==> flow/design.v <==
module gen_add_unit_p #(
    parameter int XLEN = 14
) (
    input logic ck,
    input logic step,
    input logic [XLEN-1:0] op_a,
    input logic [XLEN-1:0] op_b,
    input logic c0,
    output logic [XLEN-1:0] result,
    output logic carry_out
);
    logic [XLEN-1:0] op_a_s;
    logic [XLEN-1:0] op_b_s;
    logic c0_s;
    always_ff @(posedge ck) begin
        if (step) begin
            op_a_s <= op_a;
            op_b_s <= op_b;
            c0_s <= c0;
        end
    end
    logic [XLEN-1:0] t;
    logic c;
    always_comb begin
        c = c0_s;
        for (int k = 0; k < XLEN; k++) begin
            t[k] = op_a_s[k] ^ op_b_s[k] ^ c;
            c = (op_a_s[k] & op_b_s[k]) | (c & (op_a_s[k] | op_b_s[k]));
        end
    end
    always_ff @(posedge ck) begin
        if (step) begin
            result <= t;
            carry_out <= c;
        end
    end
endmodule
Appendix: tool output

## Tool chain data of gen_add_unit_p

A sweep over "XLEN": the same steps for each member of the family.
The RTL above is that of XLEN=14; lines are counted from 1 in the file of the member named.
Library cell names are shortened.
Not given: --

- Top module: gen_add_unit_p
- Clock: ck
- Library: sky130hd
- Corner: tt_025C_1v80

## Members of the sweep

New or changed lines of each further member against the RTL above, in its own file; lines it lacks are not shown.

Lines new or changed:

| XLEN | line | source |
|---|---|---|
| 36 | 2 | `parameter int XLEN = 36` |
| 48 | 2 | `parameter int XLEN = 48` |
| 96 | 2 | `parameter int XLEN = 96` |
| 112 | 2 | `parameter int XLEN = 112` |

## Word level

Source: Yosys, flattened and elaborated, memories not mapped. Widths are those after wreduce; folded enables and synchronous resets count as part of the registers. Registers that Yosys merges into a memory's read port (data or address) are not register bits. Print and check cells do not count. Equal cells are merged and count once.

Cells by class:

| XLEN | bitwise gates (word level) |
|---|---|
| 14 | 84 |
| 36 | 216 |
| 48 | 288 |
| 96 | 576 |
| 112 | 672 |

Operators with widths:

| XLEN | kinds with counts |
|---|---|
| 14 | bitwise AND 1 bit (28); bitwise OR 1 bit (28); XOR 1 bit (28) |
| 36 | bitwise AND 1 bit (72); bitwise OR 1 bit (72); XOR 1 bit (72) |
| 48 | bitwise AND 1 bit (96); bitwise OR 1 bit (96); XOR 1 bit (96) |
| 96 | bitwise AND 1 bit (192); bitwise OR 1 bit (192); XOR 1 bit (192) |
| 112 | bitwise AND 1 bit (224); bitwise OR 1 bit (224); XOR 1 bit (224) |

Word-level totals:

| XLEN | elaborated cells | output and inout port bits | register bits | input bits |
|---|---|---|---|---|
| 14 | 89 | 15 | 44 | 31 |
| 36 | 221 | 37 | 110 | 75 |
| 48 | 293 | 49 | 146 | 99 |
| 96 | 581 | 97 | 290 | 195 |
| 112 | 677 | 113 | 338 | 227 |

## Depth

Depth = most cells in a row (Yosys ltp): at word level without a register or memory, in the mapped netlist without a sequential cell, where the memories' decode and read muxes count.

Logic depth:

| XLEN | depth in word-level cells | ABC_AREA | mapped depth | mapped depth without buffers |
|---|---|---|---|---|
| 14 | 29 | 0 | 18 | 18 |
| 36 | 73 | 0 | 40 | 40 |
| 48 | 97 | 0 | 52 | 52 |
| 96 | 193 | 0 | 100 | 100 |
| 112 | 225 | 0 | 116 | 116 |

## Synthesis result

Source: synth_stat.txt of the flow (Yosys; design flattened, memories mapped). It holds for the ABC_AREA given above (unset counts as 0); a run with the other value may have another netlist.
Totals and module areas in this step are rounded.

Cell types:

| XLEN | types with counts |
|---|---|
| 14 | edfxtp_1 (44); fa_1 (14); inv_1 (10) |
| 36 | edfxtp_1 (110); fa_1 (36); inv_1 (10) |
| 48 | edfxtp_1 (146); fa_1 (48); inv_1 (10) |
| 96 | edfxtp_1 (290); fa_1 (96); inv_1 (10) |
| 112 | edfxtp_1 (338); fa_1 (112); inv_1 (10) |

Mapped netlist:

| XLEN | area of sequential cells (µm²) | flip-flop cells | cells in the netlist | cell area after synthesis (µm²) |
|---|---|---|---|---|
| 14 | 1,300 | 44 | 68 | 1,600 |
| 36 | 3,300 | 110 | 156 | 4,100 |
| 48 | 4,400 | 146 | 204 | 5,400 |
| 96 | 8,700 | 290 | 396 | 11,000 |
| 112 | 10,000 | 338 | 460 | 12,000 |

## Worst setup path after synthesis

Source: OpenSTA report_checks on the synthesized netlist (no wires, ideal clock, input and output delay 20% of the period each), path of least setup slack; recovery checks are left aside. Register names are those of the netlist, which keeps one name where synthesis merged equal registers.

Timing path post-synthesis:

| XLEN | kind | from | to | clock period (ns) | stages | path delay (ns) | path slack (ns) | synthesis period reached (ns) |
|---|---|---|---|---|---|---|---|---|
| 14 | register -> register | register op_a_s[0] | register result[13] | 7.28 | 19 | 5.821 | 1.459 | 5.821 |
| 36 | register -> register | register op_a_s[0] | register result[35] | 17.7 | 41 | 14.175 | 3.525 | 14.175 |
| 48 | register -> register | register op_a_s[0] | register result[47] | 23.4 | 53 | 18.732 | 4.669 | 18.731 |
| 96 | register -> register | register op_a_s[0] | register result[95] | 46.2 | 101 | 36.958 | 9.242 | 36.958 |
| 112 | register -> register | register op_a_s[0] | register result[111] | 53.8 | 117 | 43.033 | 10.767 | 43.033 |

"path delay" is the arrival time less input delay plus setup time.
"stages": output pins that drive a net of the path, with the launching flip-flop's if there is one; two outputs of one cell count as two.
"synthesis period reached" = period - worst setup slack (recovery checks aside). The figure is calculated, with input and output delays left at 20% of the set period.
The rows between start and end are the longest chain of elaborated cells between them; the timing report does not say that the signal goes this way. Where chains are equally long, one stands for them.
Each line given opens the expression or statement behind the cell; cells for indexed reads and writes are added by Yosys, which also makes memories of some case tables.

Between the ends, post-synthesis, XLEN=14:
- Cells in the longest elaborated chain: 28

Ends and longest elaborated chain, post-synthesis, XLEN=14:

| what | line | source |
|---|---|---|
| start, declared | 12 | `logic [XLEN-1:0] op_a_s;` |
| start, assigned | 17 | `op_a_s <= op_a;` |
| bitwise OR 1 bit | 28 | `c = (op_a_s[k] & op_b_s[k]) \| (c & (op_a_s[k] \| op_b_s[k]));` |
| bitwise AND 1 bit | 28 |  |
| bitwise OR 1 bit | 28 |  |
| bitwise AND 1 bit | 28 |  |
| bitwise OR 1 bit | 28 |  |
| bitwise AND 1 bit | 28 |  |
| bitwise OR 1 bit | 28 |  |
| [14 not listed] | -- |  |
| bitwise AND 1 bit | 28 |  |
| bitwise OR 1 bit | 28 |  |
| bitwise AND 1 bit | 28 |  |
| bitwise OR 1 bit | 28 |  |
| bitwise AND 1 bit | 28 |  |
| bitwise OR 1 bit | 28 |  |
| XOR 1 bit | 27 | `t[k] = op_a_s[k] ^ op_b_s[k] ^ c;` |
| end, assigned | 33 | `result <= t;` |
| end, declared | 9 | `output logic [XLEN-1:0] result,` |

Between the ends, post-synthesis, XLEN=112:
- Cells in the longest elaborated chain: 224

Ends and longest elaborated chain, post-synthesis, XLEN=112:

| what | line | source |
|---|---|---|
| start, declared | 12 | `logic [XLEN-1:0] op_a_s;` |
| start, assigned | 17 | `op_a_s <= op_a;` |
| bitwise OR 1 bit | 28 | `c = (op_a_s[k] & op_b_s[k]) \| (c & (op_a_s[k] \| op_b_s[k]));` |
| bitwise AND 1 bit | 28 |  |
| bitwise OR 1 bit | 28 |  |
| bitwise AND 1 bit | 28 |  |
| bitwise OR 1 bit | 28 |  |
| bitwise AND 1 bit | 28 |  |
| bitwise OR 1 bit | 28 |  |
| [210 not listed] | -- |  |
| bitwise AND 1 bit | 28 |  |
| bitwise OR 1 bit | 28 |  |
| bitwise AND 1 bit | 28 |  |
| bitwise OR 1 bit | 28 |  |
| bitwise AND 1 bit | 28 |  |
| bitwise OR 1 bit | 28 |  |
| XOR 1 bit | 27 | `t[k] = op_a_s[k] ^ op_b_s[k] ^ c;` |
| end, assigned | 33 | `result <= t;` |
| end, declared | 9 | `output logic [XLEN-1:0] result,` |

## Worst path after layout

Path of least setup slack in the final report of each member's run (OpenROAD, finished layout, wires in). Where an end is a register, its clock arrival counts in the times.

Timing path after layout:

| XLEN | kind | from | to | clock period (ns) | stages | path buffers | path slack (ns) | arrival time (ns) |
|---|---|---|---|---|---|---|---|---|
| 14 | register -> register | register op_a_s[0] | register result[13] | 7.28 | 19 | 0 | 1.22 | 6.22 |
| 36 | register -> register | register op_a_s[0] | register result[35] | 17.7 | 41 | 0 | 2.94 | 15.01 |
| 48 | register -> register | register op_a_s[0] | register result[47] | 23.4 | 53 | 0 | 3.87 | 19.82 |
| 96 | register -> register | register op_a_s[0] | register result[95] | 46.2 | 101 | 0 | 7.63 | 38.99 |
| 112 | register -> register | register op_a_s[0] | register result[111] | 53.8 | 117 | 0 | 8.69 | 45.48 |

## Layout results

One run of the flow (Yosys, OpenROAD) for each member, with settings and measured results. Input and output delays are each 20% of the period that was set; the output load is 0.01 pF.

- CAP_MARGIN: 20
- CORE_MARGIN: 2
- CORE_UTILIZATION: 40
- SLEW_MARGIN: 20

Settings by member:

| XLEN | period_ns |
|---|---|
| 14 | 7.28 |
| 36 | 17.7 |
| 48 | 23.4 |
| 96 | 46.2 |
| 112 | 53.8 |

Measured results:

| XLEN | summed negative setup slack (ns) | clock period reached (ns) | chip area after synthesis (Yosys) (µm²) | total power of the final layout (W) | final design utilization (%) | die outline area (µm²) | worst setup slack after layout (ns) |
|---|---|---|---|---|---|---|---|
| 14 | 0.000 | 6.058 | 1,600 | 0.00055 | 56 | 4,600 | 1.2 |
| 36 | 0.000 | 14.763 | 4,100 | 0.00056 | 56 | 11,000 | 2.9 |
| 48 | 0.000 | 19.528 | 5,400 | 0.00071 | 58 | 14,000 | 3.9 |
| 96 | 0.000 | 38.569 | 11,000 | 0.00066 | 57 | 28,000 | 7.6 |
| 112 | 0.000 | 45.108 | 12,000 | 0.00067 | 57 | 32,000 | 8.7 |

By "clock period reached" is meant the clock period of the run minus its worst setup slack. This is arithmetic on one report: input and output delays are still those of the set period (20% each).
"total power of the final layout" rests on the timing tool's default activity at the inputs, not on a simulated workload.
The measured numbers are rounded.
